==> flow/design.v <==
module u_sum_block_blk #(
  parameter int WD = 20,
  parameter int INPUTS = 20,
  parameter int SUM_W = WD + $clog2(INPUTS)
) (
  input  logic clk_i,
  input  logic i_rst,
  input  logic [INPUTS*WD-1:0] d_in,
  output logic [SUM_W-1:0] result_out
);
  logic [INPUTS*WD-1:0] r_d;
  always_ff @(posedge clk_i or posedge i_rst) begin
    if (i_rst) begin
      r_d <= 0;
    end else begin
      r_d <= d_in;
    end
  end
  logic [SUM_W-1:0] cur;
  always_comb begin
    cur = 0;
    for (int n = 0; n < INPUTS; n++)
      cur = cur + r_d[n*WD +: WD];
  end
  always_ff @(posedge clk_i or posedge i_rst) begin
    if (i_rst) begin
      result_out <= 0;
    end else begin
      result_out <= cur;
    end
  end
endmodule
**Reports on u_sum_block_blk**

Tool output for the design above, in the order of the flow.
Line numbers count from 1 in the design file above.
Cell names lack the library's common part.
A cell with -- has no value.

- Top: u_sum_block_blk
- Clock input: clk_i
- Standard-cell library: sky130hd
- Timing corner: tt_025C_1v80

**Elaborated design**

Source: Yosys, flattened and elaborated, memories not mapped. Widths are those after wreduce; folded enables and synchronous resets count as part of the registers. Registers that Yosys merges into a memory's read port (data or address) are not register bits. Print and check cells do not count. Equal cells are merged and count once.

- Output and inout bits: 25
- Bits of input ports: 402
- Register bits after elaboration: 425
- Elaborated cells: 21

- $add $sub $neg: 19

Operators with widths:

| operator | count |
|---|---|
| adder 25 x 20 -> 25 bit | 14 |
| adder 24 x 20 -> 25 bit | 1 |
| adder 23 x 20 -> 24 bit | 1 |
| adder 22 x 20 -> 23 bit | 1 |
| adder 21 x 20 -> 22 bit | 1 |
| adder 20 x 20 -> 21 bit | 1 |

**Longest topological paths**

Longest topological path by Yosys (ltp), each cell counted once; first at word level (registers and memories cut), then after technology mapping (sequential cells cut; the memories' decode and read muxes count).

- Word-level depth: 19
- ABC_AREA: 0
- Depth in mapped cells: 23
- Depth with buffers taken out: 22

**Mapped cells and area**

Yosys stat after the flow's synthesis: flattened, memories mapped to cells. It holds for the ABC_AREA given above (unset counts as 0); a run with the other value may have another netlist.

Cells by type:

| cell | count | total area (um^2) |
|---|---|---|
| dfrtp_1 | 425 | 10635.2 |
| fa_1 | 354 | 7.09E+03 |
| inv_1 | 513 | 1.93E+03 |
| ha_1 | 42 | 525.504 |
| xnor2_1 | 15 | 131.376 |
| a21oi_1 | 22 | 110.106 |
| o21ai_0 | 17 | 85.082 |
| a21o_1 | 7 | 52.55 |
| nand2_1 | 12 | 45.043 |
| nand4_1 | 7 | 43.792 |
| xor2_1 | 4 | 35.034 |
| nor2_1 | 8 | 30.029 |
| a21oi_2 | 3 | 26.275 |
| o31ai_4 | 1 | 21.27 |
| a311o_1 | 2 | 20.019 |
| clkbuf_1 | 5 | 18.768 |
| nor2b_1 | 3 | 18.768 |
| a211oi_1 | 2 | 15.014 |

Other cell types: 26; their cells: 34.

- Mapped area: 21082.7 um^2
- Buffer cells: 7
- Flip-flop cells: 425
- Area of sequential cells: 10635.2 um^2
- Cell count: 1476

**Path before layout**

Source: OpenSTA report_checks on the synthesized netlist (no wires, ideal clock, input and output delay 20% of the period each), path of least setup slack; recovery checks are left aside. Register names are those of the netlist, which keeps one name where synthesis merged equal registers.

- Path kind: register -> register
- From: register r_d[302]
- To: register result_out[17]
- Period: 6.97 ns
- Delay of the path: 5.577 ns
- Setup time: 0.131 ns
- Stages on the path: 21
- Launch time at the first pin: 0.000 ns
- Arrival time: 5.446 ns
- Data required time: 6.839 ns
- Setup slack: 1.393 ns
- Buffers on the path: 0
- Period reached after synthesis: 5.577 ns

"delay of the path" = arrival - input delay + setup time.
"stages on the path": output pins that drive a net of the path, with the launching flip-flop's if there is one; two outputs of one cell count as two.
"period reached after synthesis" is the clock period less the worst setup slack; recovery checks do not enter. This is arithmetic on one report: input and output delays are still those of the set period (20% each).
The rows between start and end are the longest chain of elaborated cells between them; the timing report does not say that the signal goes this way. Where chains are equally long, one stands for them.
Each line given opens the expression or statement behind the cell; cells for indexed reads and writes are added by Yosys, which also makes memories of some case tables.

- Path through: dfrtp_1 inv_1 fa_1 inv_1 fa_1 inv_1 fa_1 fa_1 inv_1 fa_1 inv_1 fa_1 fa_1 inv_1 fa_1 a21oi_2 o211ai_2 a221oi_2 o21a_2 o21ai_0 xor2_1
- Cells in the longest elaborated chain: 5
- Elaborated cells on any way between the ends: 5
- RTL lines with such cells: 1
- Those cells by class: 5 x add/sub

RTL lines, path after synthesis:

| element | line | source |
|---|---|---|
| from (decl) | 11 | `logic [INPUTS*WD-1:0] r_d;` |
| from (assign) | 14 | `r_d <= 0;` |
| from (assign) | 16 | `r_d <= d_in;` |
| adder 25 x 20 -> 25 bit (5 in a row) | 23 | `cur = cur + r_d[n*WD +: WD];` |
| to (assign) | 27 | `result_out <= 0;` |
| to (assign) | 29 | `result_out <= cur;` |
| to (decl) | 9 | `output logic [SUM_W-1:0] result_out` |

**Timing after layout**

From the final timing report of flow run A: the path of least setup slack in the routed layout; clock arrival at registers is part of the times.

- Path kind: register -> register
- From: register r_d[302]
- To: register result_out[21]
- Period: 6.97 ns
- Stages on the path: 21
- Arrival time: 6.49 ns
- Buffers on the path: 0
- Data required time: 7.45 ns
- Setup time: 0.10 ns
- Launch time at the first pin: 0.56 ns
- Setup slack: 0.96 ns

The rows between start and end are the longest chain of elaborated cells between them; the timing report does not say that the signal goes this way. Where chains are equally long, one stands for them.

- Path through: dfrtp_1 inv_1 fa_1 inv_1 fa_1 inv_1 fa_1 fa_1 inv_1 fa_1 inv_1 fa_1 fa_1 inv_1 fa_1 a21oi_2 o211ai_2 a221oi_2 o21a_2 o22ai_1 a211oi_1
- Cells in the longest elaborated chain: 5
- Elaborated cells on any way between the ends: 5
- RTL lines with such cells: 1
- Those cells by class: 5 x add/sub

RTL lines, path post-layout:

| element | line | source |
|---|---|---|
| from (decl) | 11 | `logic [INPUTS*WD-1:0] r_d;` |
| from (assign) | 14 | `r_d <= 0;` |
| from (assign) | 16 | `r_d <= d_in;` |
| adder 25 x 20 -> 25 bit (5 in a row) | 23 | `cur = cur + r_d[n*WD +: WD];` |
| to (assign) | 27 | `result_out <= 0;` |
| to (assign) | 29 | `result_out <= cur;` |
| to (decl) | 9 | `output logic [SUM_W-1:0] result_out` |

Module u_sum_block_blk, platform sky130hd: 3 stored runs of the flow (Yosys, OpenROAD) with differing settings, in no particular order. Input and output delays are each 20% of the period that was set; the output load is 0.01 pF.
By "achieved clock period" is meant the clock period of the run minus its worst setup slack. This is arithmetic on one report: input and output delays are still those of the set period (20% each).
"critical path time": the worst setup path's part of the clock period (all of it between registers, 20% less for each end at a port) less its slack. A launch clock that arrives late makes it longer, a capture clock that arrives late makes it shorter.
Settings: -- = not set for that run.
Among the results, -- means that no value is shown for the run.

| name | flow run A | flow run B | flow run C |
|---|---|---|---|
| period_ns | 6.97 | 4.47 | 6.13 |
| CAP_MARGIN | 20 | 10 | 20 |
| CORE_MARGIN | 2 | 2 | 10 |
| CORE_UTILIZATION | 40 | 49 | 29 |
| SLEW_MARGIN | 20 | 20 | 20 |
| SETUP_SLACK_MARGIN | -- | -0.38 | 0.14 |
| PLACE_DENSITY_LB_ADDON | -- | 0.25 | 0.14 |
| CORE_ASPECT_RATIO | -- | 0.53 | 1.02 |
| CELL_PAD_IN_SITES_DETAIL_PLACEMENT | -- | 2 | 1 |
| GPL_TIMING_DRIVEN | -- | 1 | -- |
| GPL_ROUTABILITY_DRIVEN | -- | 0 | 0 |
| CTS_CLUSTER_DIAMETER | -- | 135 | 379 |
| MIN_ROUTING_LAYER | -- | met2 | -- |
| ABC_AREA | -- | -- | 0 |
| area of the synthesized netlist (um^2) | 21082.7 | -- | 21082.7 |
| total die area (um^2) | 54559.6 | -- | 83884.2 |
| standard-cell area after layout (um^2) | 27859.2 | -- | 28737.6 |
| post-route utilization (%) | 53.2 | -- | 40.0 |
| worst setup slack after layout (ns) | 0.959 | -- | 0.330 |
| setup TNS (ns) | 0.000 | -- | 0.000 |
| final worst hold slack (ns) | 0.483 | -- | 0.502 |
| achieved clock period (ns) | 6.011 | -- | 5.800 |
| critical path time (ns) | 6.01 | -- | 5.80 |
| critical path kind | register -> register | -- | register -> register |

Flow run B: incomplete, placement halted on DPL-0033
